==> flow/design.v <==
module reg_bank_rtl #(
    parameter int NUM_REGS = 20,
    parameter int W = 6,
    parameter int AW = $clog2(NUM_REGS)
) (
    input logic clk_i,
    input logic i_rst,
    input logic wr_in,
    input logic [AW-1:0] wsel_in,
    input logic [W-1:0] wd_in,
    input logic [AW-1:0] read_addr1_in,
    input logic [AW-1:0] read_addr2_in,
    output logic [W-1:0] rd1_out,
    output logic [W-1:0] rd2_out
);
    logic [W-1:0] array [NUM_REGS-1:0];
    always_ff @(posedge clk_i) begin
        if (wr_in)
            array[wsel_in] <= wd_in;
    end
    logic [W-1:0] rd1_s;
    assign rd1_out = rd1_s;
    logic [W-1:0] rd2_s;
    assign rd2_out = rd2_s;
    always_ff @(posedge clk_i) begin
        if (i_rst) begin
            rd1_s <= '0;
            rd2_s <= '0;
        end else begin
            rd1_s <= (wr_in && wsel_in == read_addr1_in) ? wd_in : array[read_addr1_in];
            rd2_s <= (wr_in && wsel_in == read_addr2_in) ? wd_in : array[read_addr2_in];
        end
    end
endmodule
== From RTL to reports: reg_bank_rtl ==
Tool output for the design above, in the order of the flow.
Lines are those of the file above, counted from 1.
Operators carry their Yosys type and port widths (W data, S select, Z words).
Cell names lack the library's common part.
A cell with - has no value.

* Top: reg_bank_rtl
* Clock input: clk_i
* Cell library: sky130hd
* Library corner: tt_025C_1v80

== After elaboration ==
Source: Yosys, flattened and elaborated, memories not mapped. Widths are those after wreduce; folded enables and synchronous resets count as part of the registers. Registers that Yosys merges into a memory's read port (data or address) are not register bits. Print and check cells do not count. Equal cells are merged and count once.
Memory sizes are those after Yosys's memory passes, which may raise the word count (mostly to a power of two), join words into wider ones and drop unused or constant bits.

* Cells after elaboration: 4
* Input port bits: 24
* RAM bits: 120
* Output and inout port bits: 12
* Memory cells: 1
* Flip-flop bits (word level): 0
* Word width x clocked read ports: 12

* Multiplexer cells: 3

{| class="wikitable"
|+ Memories
! memory !! depth !! bits a word !! rd ports !! wr ports !! line !! source
|-
| array || 20 || 6 || 2 || 1 || 16 || <nowiki>logic [W-1:0] array [NUM_REGS-1:0];</nowiki>
|}

{| class="wikitable"
|+ Operators by type and width
! operator !! count
|-
| $mux W6 || 1
|-
| $mux W5 || 1
|-
| $mux W1 || 1
|}

== Longest topological paths ==
Depth = most cells in a row (Yosys ltp): at word level without a register or memory, in the mapped netlist without a sequential cell, where the memories' decode and read muxes count.

* Depth in word-level cells: 1
* ABC_AREA: 0
* Depth in mapped cells: 7
* Gate-level depth less buffers: 4

== Synthesis result ==
Yosys stat after the flow's synthesis: flattened, memories mapped to cells. It holds for the ABC_AREA given above (unset counts as 0); a run with the other value may have another netlist.

{| class="wikitable"
|+ Cell types
! cell type !! count !! total area (µm²)
|-
| edfxtp_1 || 120 || 3.6E+03
|-
| mux4_2 || 38 || 855.821
|-
| mux4_1 || 18 || 472.954
|-
| dfxtp_1 || 12 || 240.23
|-
| mux2i_1 || 12 || 120.115
|-
| nor2_1 || 28 || 105.101
|-
| xnor2_1 || 9 || 78.826
|-
| a2111oi_2 || 5 || 75.072
|-
| a211oi_1 || 9 || 67.565
|-
| a22oi_1 || 9 || 67.565
|-
| nand3_1 || 12 || 60.058
|-
| buf_6 || 5 || 56.304
|-
| buf_2 || 11 || 55.053
|-
| a221oi_1 || 5 || 43.792
|-
| a22o_1 || 5 || 43.792
|-
| and3_1 || 6 || 37.536
|-
| nand2_1 || 10 || 37.536
|-
| nor2b_1 || 6 || 37.536
|}

Not listed: further types 21, cells in them 57.

* Chip area (Yosys): 6447.4 µm²
* Mapped cells: 377
* Buffer cells: 27
* Mapped flip-flops: 132
* Area of sequential cells: 3843.7 µm²

== Worst setup path after synthesis ==
Path of least setup slack by OpenSTA after synthesis, without wires, with an ideal clock, recovery checks aside; 20% of the period is set as input and as output delay. Where synthesis merged equal registers, the netlist keeps one of their names.

* Kind: in2reg
* Start: input port wr_in
* End: memory array[0][0]
* Launch time at the first pin: 442 ps
* Stages on the path: 3
* Required time: 1860 ps
* Arrival time: 1506 ps
* Delay of the path: 1414 ps
* Path buffers: 1
* Path slack: 354 ps
* External input delay: 442 ps
* Library setup time: 350 ps
* Clock period: 2210 ps
* Synthesis period reached: 1856 ps

"delay of the path" = arrival - input delay + setup time.
"stages on the path" counts driving pins, that of a launching flip-flop among them; a cell with two outputs on the path counts twice.
"synthesis period reached" is the clock period less the worst setup slack; recovery checks do not enter. This is arithmetic on one report: input and output delays are still those of the set period (20% each).
Between the ends stands the longest chain of elaborated cells between them, by number of cells; it is not shown to be the way that was timed. Of several equally long chains one is given.
Each line given opens the expression or statement behind the cell; cells for indexed reads and writes are added by Yosys, which also makes memories of some case tables.
Only ways into the end's enable, where the timed path ends, are counted here.

* Cells stage by stage: clkbuf_1 -> or3b_2 -> nor2_1
* Cells in the longest elaborated chain: 1
* Elaborated cells between the ends (all ways): 2
* RTL lines with such cells: 1
* Classes of those cells: mux (2)

{| class="wikitable"
|+ Ends and longest elaborated chain, post-synthesis
! item !! line !! source
|-
| start: declaration || 8 || <nowiki>input logic wr_in,</nowiki>
|-
| $mux W5 || 18 || <nowiki>if (wr_in)</nowiki>
|-
| end: declaration || 16 || <nowiki>logic [W-1:0] array [NUM_REGS-1:0];</nowiki>
|}

== Timing after layout ==
Path of least setup slack in the final report of record 1 (OpenROAD, finished layout, wires in). Where an end is a register, its clock arrival counts in the times.
The report prints the path's times to 10 ps; the period is as set.

* Kind: in2reg
* Start: input port wsel_in[1]
* End: register rd2_s[1]
* Path slack: 210 ps
* Required time: 2490 ps
* Library setup time: 140 ps
* Arrival time: 2270 ps
* Launch time at the first pin: 440 ps
* Stages on the path: 6
* External input delay: 440 ps
* Clock period: 2210 ps
* Path buffers: 2

* Cells stage by stage: clkdlybuf4s50_1 -> buf_4 -> xnor2_1 -> and2_1 -> nand2_1 -> a311oi_1

{| class="wikitable"
|+ Ends and longest elaborated chain, after layout
! item !! line !! source
|-
| start: declaration || 9 || <nowiki>input logic [AW-1:0] wsel_in,</nowiki>
|-
| end: declaration || 23 || <nowiki>logic [W-1:0] rd2_s;</nowiki>
|}

No chain of elaborated cells between the ends is given.

Stored flow runs of reg_bank_rtl (3 of them; Yosys, OpenROAD, sky130hd). They differ in their settings and are not a sequence. Constraints: input delay and output delay 20% of the set period each, output load 0.01 pF.
By "period achieved" is meant the clock period of the run minus its worst setup slack. This is arithmetic on one report: input and output delays are still those of the set period (20% each).
"critical path time": the worst setup path's part of the clock period (all of it between registers, 20% less for each end at a port) less its slack. A launch clock that arrives late makes it longer, a capture clock that arrives late makes it shorter.
"power consumption" rests on the timing tool's default activity at the inputs, not on a simulated workload.
"critical path time" is known to 10 ps.

=== Record 1 ===
{| class="wikitable"
! Setting !! Value
|-
| period_ns || 2.21
|-
| CAP_MARGIN || 20
|-
| CORE_MARGIN || 2
|-
| CORE_UTILIZATION || 40
|-
| SLEW_MARGIN || 20
|-
! Result !! Value
|-
| Setup total negative slack || 0 ps
|-
| Setup slack of the critical path || 214 ps
|-
| Post-synthesis cell area || 6447.4 µm²
|-
| Period achieved || 1996 ps
|-
| Total die area || 17150.5 µm²
|-
| Standard-cell area after layout || 8042.7 µm²
|-
| Critical path time || 1550 ps
|-
| Type of the worst setup path || in2reg
|-
| Power consumption || 5972 uW
|-
| Smallest hold slack || 843 ps
|}

=== Record 2 ===
{| class="wikitable"
! Setting !! Value
|-
| period_ns || 2.66
|-
| CORE_UTILIZATION || 69
|-
| SETUP_SLACK_MARGIN || 0.54
|-
| PLACE_DENSITY || 0.48
|-
| GPL_TIMING_DRIVEN || 0
|-
| CTS_CLUSTER_SIZE || 49
|-
| CTS_CLUSTER_DIAMETER || 162
|-
| CAP_MARGIN || 20
|-
| CORE_MARGIN || 2
|-
| SLEW_MARGIN || 20
|-
! Result !! Value
|-
| Setup total negative slack || 0 ps
|-
| Setup slack of the critical path || 546 ps
|-
| Post-synthesis cell area || 6447.4 µm²
|-
| Period achieved || 2114 ps
|-
| Total die area || 10133.4 µm²
|-
| Standard-cell area after layout || 7440.9 µm²
|-
| Critical path time || 1580 ps
|-
| Type of the worst setup path || in2reg
|-
| Power consumption || 4966 uW
|-
| Smallest hold slack || 510 ps
|}

=== Record 3 ===
{| class="wikitable"
! Setting !! Value
|-
| period_ns || 2.56
|-
| CORE_UTILIZATION || 34
|-
| SETUP_SLACK_MARGIN || 0.72
|-
| PLACE_DENSITY_LB_ADDON || 0.19
|-
| TNS_END_PERCENT || 80
|-
| ABC_AREA || 0
|-
| GPL_TIMING_DRIVEN || 1
|-
| CAP_MARGIN || 30
|-
| MIN_ROUTING_LAYER || met1
|-
| CORE_MARGIN || 2
|-
| SLEW_MARGIN || 20
|-
! Result !! Value
|-
| Setup total negative slack || 0 ps
|-
| Setup slack of the critical path || 745 ps
|-
| Post-synthesis cell area || 6447.4 µm²
|-
| Period achieved || 1815 ps
|-
| Total die area || 20080.3 µm²
|-
| Standard-cell area after layout || 8149.1 µm²
|-
| Critical path time || 1300 ps
|-
| Type of the worst setup path || in2reg
|-
| Power consumption || 5627 uW
|-
| Smallest hold slack || 773 ps
|}
